==> flow/design.v <==
module mux2 #(parameter N = 1) (
    input wire [N-1:0] a,
    input wire [N-1:0] b,
    input wire s,
    output wire [N-1:0] y
);
    assign y = s ? b : a;
endmodule
module data_mux_n (i_clk, aresetn, in_in, idx_in, res_out);
    parameter integer BITS = 3;
    parameter integer LANES = 64;
    localparam integer SEL_WIDTH = $clog2(LANES);
    input i_clk;
    input aresetn;
    input [LANES*BITS-1:0] in_in;
    input [SEL_WIDTH-1:0] idx_in;
    output [BITS-1:0] res_out;
    reg [LANES*BITS-1:0] in_d1;
    reg [SEL_WIDTH-1:0] idx_d1;
    always @(posedge i_clk or negedge aresetn) begin
        if (~aresetn) begin
            in_d1 <= 0;
            idx_d1 <= 0;
        end else begin
            in_d1 <= in_in;
            idx_d1 <= idx_in;
        end
    end
    wire [BITS-1:0] tree [1:2*LANES-1];
    genvar k;
    generate
        for (k = 0; k < LANES; k = k + 1) begin : u_g
            assign tree[LANES+k] = in_d1[k*BITS +: BITS];
        end
        for (k = 1; k < LANES; k = k + 1) begin : stage
            mux2 #(.N(BITS)) i_sub (.a(tree[2*k]), .b(tree[2*k+1]), .s(idx_d1[SEL_WIDTH - $clog2(k+1)]), .y(tree[k]));
        end
    endgenerate
    assign res_out = tree[1];
endmodule
; ---- Reports on data_mux_n
; What the tools print for data_mux_n, step after step.
; Lines are those of the file above, counted from 1.
; Cell names lack the library's common part.
; The mark -- stands for no value.
[inputs]
top_module = data_mux_n
clock = i_clk
cell_library = sky130hd
corner = tt_025C_1v80

; ---- Word level
; Source: Yosys, flattened and elaborated. Widths are those after wreduce; folded enables and synchronous resets count as part of the registers. Registers that Yosys merges into a memory's read port (data or address) are not register bits. Print and check cells do not count. Equal cells are merged and count once.
[word_totals]
elab_cells = 65
register_bits = 198
output_inout_bits = 3
[classes]
muxes = 63
[op_table]
columns = cell, n
row1 = 3-bit two-way mux, 63

; ---- Depth
; Longest topological path by Yosys (ltp), each cell counted once; first at word level (registers and memories cut), then after technology mapping (sequential cells cut; the memories' decode and read muxes count).
[logic_depth]
word_depth = 6
abc_area = 1
mapped_depth = 12

; ---- After synthesis
; The flow's flattened synthesis, as Yosys stat reports it; memories are mapped. The netlist is that of the ABC_AREA named above (0 if unset); the other value can give another one.
; The area totals of this step are shown rounded.
[types]
columns = type, n, area_total_um2
row1 = dfrtp_1, 198, 4.95E+03
row2 = nand2_1, 243, 912.125
row3 = nand3_1, 162, 810.778
row4 = buf_2, 18, 90.086
row5 = buf_6, 6, 67.565
row6 = buf_4, 6, 45.043
row7 = clkbuf_1, 5, 18.768
row8 = inv_1, 4, 15.014
row9 = buf_1, 3, 11.261
row10 = inv_4, 1, 6.256
row11 = inv_2, 1, 3.754
[synth_totals]
stdcells = 647
buf_cells = 38
seq_area_um2 = 4950
synth_area_um2 = 6940
ffs = 198

; ---- Timing after synthesis
; Source: OpenSTA report_checks on the synthesized netlist (no wires, ideal clock, input and output delay 20% of the period each), path of least setup slack; recovery checks are left aside. Register names are those of the netlist, which keeps one name where synthesis merged equal registers.
[synth_path]
path_kind = reg-to-output
startpoint = reg idx_d1[0]
endpoint = out res_out[0]
setup_slack_ns = 0.920
out_delay_ns = 0.554
t_first_pin_ns = 0.000
arrival_time_ns = 1.296
stages = 13
delay_ns = 1.296
period_ns = 2.77
synth_period_reached_ns = 1.85
; "delay_ns" is the arrival time less input delay plus setup time.
; A path that ends at an output port has no setup time.
; "stages": output pins that drive a net of the path, with the launching flip-flop's if there is one; two outputs of one cell count as two.
; "synth_period_reached_ns" is the clock period less the worst setup slack; recovery checks do not enter. This is arithmetic on one report: input and output delays are still those of the set period (20% each).
; The rows between start and end are the longest chain of elaborated cells between them; the timing report does not say that the signal goes this way. Where chains are equally long, one stands for them.
; A line is the first line of the expression or statement that the cell stems from. Yosys adds cells for indexed reads and writes and turns some case tables into memories.
[synth_between]
cell_sequence = dfrtp_1 -> buf_4 -> inv_4 -> buf_6 -> buf_6 -> nand2_1 -> nand3_1 -> nand3_1 -> nand2_1 -> nand2_1 -> nand3_1 -> nand3_1 -> nand2_1
elab_chain_len = 6
cone_cells = 63
lines_between = 1
classes_between = mux: 63
[synth_rtl]
columns = element, line
row1 = "start, declared", 19  ; reg [SEL_WIDTH-1:0] idx_d1;
row2 = "start, assigned", 23  ; idx_d1 <= 0;
row3 = "start, assigned", 26  ; idx_d1 <= idx_in;
row4 = 3-bit two-way mux (6 in a row), 7  ; assign y = s ? b : a;
row5 = "end, declared", 17  ; output [BITS-1:0] res_out;

; ---- Path in the finished layout
; From the final timing report of run 1: the path of least setup slack in the routed layout; clock arrival at registers is part of the times.
[layout_path]
path_kind = reg-to-output
startpoint = reg idx_d1[0]
endpoint = out res_out[2]
out_delay_ns = 0.46
arrival_time_ns = 2.14
t_first_pin_ns = 0.44
stages = 12
period_ns = 2.28
setup_slack_ns = -0.32
; The rows between start and end are the longest chain of elaborated cells between them; the timing report does not say that the signal goes this way. Where chains are equally long, one stands for them.
[layout_between]
cell_sequence = dfrtp_4 -> buf_12 -> buf_12 -> nand2_1 -> nand3_1 -> nand3_2 -> nand2_1 -> nand2_2 -> nand3_1 -> nand3_1 -> nand2_2 -> buf_6
elab_chain_len = 6
cone_cells = 63
lines_between = 1
classes_between = mux: 63
[layout_rtl]
columns = element, line
row1 = "start, declared", 19  ; reg [SEL_WIDTH-1:0] idx_d1;
row2 = "start, assigned", 23  ; idx_d1 <= 0;
row3 = "start, assigned", 26  ; idx_d1 <= idx_in;
row4 = 3-bit two-way mux (6 in a row), 7  ; assign y = s ? b : a;
row5 = "end, declared", 17  ; output [BITS-1:0] res_out;

; Measured results for data_mux_n: 3 stored runs of the Yosys and OpenROAD flow on sky130hd. The settings differ; the order carries no meaning. The constraints put input and output delay at 20% of the set period each and load the outputs with 0.01 pF.
; By "period_less_ws_ns" is meant the clock period of the run minus its worst setup slack. This is arithmetic on one report: input and output delays are still those of the set period (20% each).
; "worst_path_ns" is the time allowed to the run's worst setup path (the clock period less input and output delay, where it has them) less its slack. Clock arrival times count: a late capture clock shortens it, a late launch clock lengthens it.
; "power.total_mw" rests on the timing tool's default activity at the inputs, not on a simulated workload.
; Values from the reports are rounded here.

[run 1: settings]
period_ns = 2.28
CORE_UTILIZATION = 18
SETUP_SLACK_MARGIN = 0.12
CORE_MARGIN = 5
CELL_PAD_IN_SITES_GLOBAL_PLACEMENT = 2
ABC_AREA = 1
CTS_CLUSTER_SIZE = 26
MAX_ROUTING_LAYER = met5
CAP_MARGIN = 20
SLEW_MARGIN = 20
[run 1: results]
ys_area_um2 = 6940
finish.utilization_pct = 28.5
power.total_mw = 7.92
period_less_ws_ns = 2.601
die_footprint_um2 = 42600
final_setup_ws_ns = -0.321
final_cell_area_um2 = 10900
worst_path_ns = 2.14
critical_path_type = reg-to-output
final_setup_tns_ns = -0.873

[run 2: settings]
period_ns = 2.83
CORE_UTILIZATION = 36
SETUP_SLACK_MARGIN = 0.15
PLACE_DENSITY_LB_ADDON = 0.17
TNS_END_PERCENT = 100
SLEW_MARGIN = 35
MIN_ROUTING_LAYER = met1
CAP_MARGIN = 20
CORE_MARGIN = 2
[run 2: results]
ys_area_um2 = 6580
finish.utilization_pct = 54.4
power.total_mw = 5.92
period_less_ws_ns = 3.099
die_footprint_um2 = 19400
final_setup_ws_ns = -0.269
final_cell_area_um2 = 9780
worst_path_ns = 2.53
critical_path_type = reg-to-output
final_setup_tns_ns = -0.654

[run 3: settings]
period_ns = 2.77
CAP_MARGIN = 20
CORE_MARGIN = 2
CORE_UTILIZATION = 40
SLEW_MARGIN = 20
[run 3: results]
ys_area_um2 = 6580
finish.utilization_pct = 60.9
power.total_mw = 6.17
period_less_ws_ns = 2.998
die_footprint_um2 = 17500
final_setup_ws_ns = -0.228
final_cell_area_um2 = 9750
worst_path_ns = 2.44
critical_path_type = reg-to-output
final_setup_tns_ns = -0.597
